==> flow/design.v <==
module mpy_top #(
  parameter DW = 6
) (
  input  CLK,
  input  aresetn,
  input  [DW-1:0] op_a_i,
  input  [DW-1:0] op_b_i,
  output [DW-1:0] result_o
);
  reg [DW-1:0] op_a_r;
  reg [DW-1:0] op_b_r;
  reg [DW-1:0] result_r;
  assign result_o = result_r;
  always @(posedge CLK) begin
    if (!aresetn) begin
      op_a_r <= 0;
      op_b_r <= 0;
      result_r <= 0;
    end else begin
      op_a_r <= op_a_i;
      op_b_r <= op_b_i;
      result_r <= op_a_r * op_b_r;
    end
  end
endmodule
Reports on mpy_top
The steps from the RTL of mpy_top to its reports follow in flow order.
Line numbers count from 1 in the design file above.
Operators: Yosys type, input widths -> output width; for muxes data width and select width s.
Cell names lack the library's common part.
A cell with n/a has no value.

inputs
  top module = mpy_top
  clock port = CLK
  cell library = sky130hd
  library corner = tt_025C_1v80

Word level
Counts by Yosys on the flattened word-level netlist (proc, flatten, opt, wreduce; memories kept). Register bits leave out memories and registers merged into their read ports (data or address); mux counts leave out enables and synchronous resets folded into registers. Print and check cells are left out. Cells with the same type and inputs are merged into one.

operators by class
  multipliers = 1

operator list
  kind         number
  $mul 6x6->6  1

word-level totals
  flip-flop bits (word level) = 18
  input port bits = 14

Logic depth
Yosys ltp: most cells in a row. Word level: on the elaborated netlist, between registers, memories and ports. Mapped: between sequential cells and ports; inverters and the memories' decode and read muxes count.

depth
  word-level depth = 1
  ABC_AREA = 0
  depth in mapped cells = 10

Synthesis result
Yosys stat after the flow's synthesis: flattened, memories mapped to cells. It holds for the ABC_AREA given above (unset counts as 0); a run with the other value may have another netlist.

mapped netlist
  buffer cells = 1
  cells in the netlist = 81
  chip area (Yosys) = 888.4 sq um
  flip-flop cells = 18
  sequential part of the area = 360.3 sq um

cells by type
  type      number  area in all (sq um)
  dfxtp_1   18      360.346
  and2_1    29      181.424
  fa_1      5       100.096
  ha_1      7       87.584
  xnor3_1   2       45.043
  nand2_1   7       26.275
  xnor2_1   3       26.275
  xor2_1    2       17.517
  inv_1     3       11.261
  mux2i_1   1       10.01
  and3_1    1       6.256
  nand2b_1  1       6.256
  nor2b_1   1       6.256
  clkbuf_1  1       3.754

Worst setup path after synthesis
Path of least setup slack by OpenSTA after synthesis, without wires, with an ideal clock, recovery checks aside; 20% of the period is set as input and as output delay. Where synthesis merged equal registers, the netlist keeps one of their names.

path post-synthesis
  kind = flip-flop to flip-flop
  start = reg op_a_r[2]
  end = reg result_r[5]
  delay of the path = 2.977 ns
  clock period = 3.72 ns
  path slack = 0.742 ns
  arrival time = 2.859 ns
  library setup time = 0.118 ns
  required time = 3.602 ns
  stages = 10
  time at the first pin = 0.000 ns
  synthesis period reached = 2.978 ns

"delay of the path" = arrival - input delay + setup time.
"stages": output pins that drive a net of the path, with the launching flip-flop's if there is one; two outputs of one cell count as two.
"synthesis period reached" = period - worst setup slack (recovery checks aside). The figure is calculated, with input and output delays left at 20% of the set period.
The rows between start and end are the longest chain of elaborated cells between them; the timing report does not say that the signal goes this way. Where chains are equally long, one stands for them.
A line is the first line of the expression or statement that the cell stems from. Yosys adds cells for indexed reads and writes and turns some case tables into memories.

between the ends, post-synthesis
  path through = dfxtp_1 > and2_1 > fa_1 > ha_1 > fa_1 > inv_1 > fa_1 > xor2_1 > xnor3_1 > mux2i_1
  cells in the longest elaborated chain = 1
  elaborated cells on any way between the ends = 1
  those cells by class = mul: 1

ends and longest elaborated chain, post-synthesis
  what                RTL line  source
  start: declaration  10        reg [DW-1:0] op_a_r;
  start: assignment   16        op_a_r <= 0;
  start: assignment   20        op_a_r <= op_a_i;
  $mul 6x6->6         22        result_r <= op_a_r * op_b_r;
  end: assignment     18        result_r <= 0;
  end: assignment     22
  end: declaration    12        reg [DW-1:0] result_r;

Timing after layout
From the final timing report of flow run A: the path of least setup slack in the routed layout; clock arrival at registers is part of the times.

path after layout
  kind = flip-flop to flip-flop
  start = reg op_b_r[0]
  end = reg result_r[5]
  arrival time = 2.96 ns
  stages = 10
  library setup time = 0.10 ns
  required time = 2.09 ns
  clock period = 1.9 ns
  path slack = -0.87 ns
  time at the first pin = 0.29 ns

The rows between start and end are the longest chain of elaborated cells between them; the timing report does not say that the signal goes this way. Where chains are equally long, one stands for them.

between the ends, after layout
  path through = dfxtp_4 > and2_4 > fa_1 > ha_1 > fa_1 > inv_1 > fa_2 > xor2_1 > xnor3_1 > mux2i_1
  cells in the longest elaborated chain = 1
  elaborated cells on any way between the ends = 1
  those cells by class = mul: 1

ends and longest elaborated chain, after layout
  what                RTL line  source
  start: declaration  11        reg [DW-1:0] op_b_r;
  start: assignment   17        op_b_r <= 0;
  start: assignment   21        op_b_r <= op_b_i;
  $mul 6x6->6         22        result_r <= op_a_r * op_b_r;
  end: assignment     18        result_r <= 0;
  end: assignment     22
  end: declaration    12        reg [DW-1:0] result_r;

Wiki page: mpy_top / flow data

3 stored runs of mpy_top in the flow (synthesis by Yosys, layout by OpenROAD, sky130hd cells), in arbitrary order. Constraints: input delay and output delay 20% of the set period each, output load 0.01 pF.
By "achieved clock period" is meant the clock period of the run minus its worst setup slack. This is arithmetic on one report: input and output delays are still those of the set period (20% each).
By "critical path time" is meant the share of the clock period that the worst setup path is allowed (20% is reserved at inputs, 20% at outputs), minus its slack. Clock arrival times at its registers enter into it.
By "total power of the final layout" is meant OpenSTA's value without simulated activity: inputs other than the clock are taken to toggle once in ten clock periods, and the tool carries that through the logic.
Settings: -- = not set for that run.

setting or result                          flow run A              flow run B              flow run C
period_ns                                  1.9                     3.72                    3.35
CORE_UTILIZATION                           55                      40                      28
SETUP_SLACK_MARGIN                         -0.18                   --                      --
CORE_MARGIN                                2                       2                       2
CTS_CLUSTER_DIAMETER                       171                     --                      --
CAP_MARGIN                                 5                       20                      20
MIN_ROUTING_LAYER                          met1                    --                      met1
MAX_ROUTING_LAYER                          met4                    --                      met4
SLEW_MARGIN                                20                      20                      20
PLACE_DENSITY                              --                      --                      0.58
CORE_ASPECT_RATIO                          --                      --                      0.92
CELL_PAD_IN_SITES_DETAIL_PLACEMENT         --                      --                      0
GPL_ROUTABILITY_DRIVEN                     --                      --                      1
worst hold slack in the final report (ns)  0.602                   0.554                   0.542
total negative slack on setup checks (ns)  -1.599                  0.000                   0.000
worst setup slack after layout (ns)        -0.869                  0.646                   0.249
die footprint (sq um)                      1952.8                  2613.8                  3639.6
standard-cell area after layout (sq um)    1203.7                  1146.1                  1163.6
total power of the final layout (W)        0.0007658               0.0003809               0.000428
achieved clock period (ns)                 2.769                   3.074                   3.101
synthesis area (sq um)                     888.4                   888.4                   888.4
critical path time (ns)                    2.77                    3.07                    3.10
type of the worst setup path               flip-flop to flip-flop  flip-flop to flip-flop  flip-flop to flip-flop
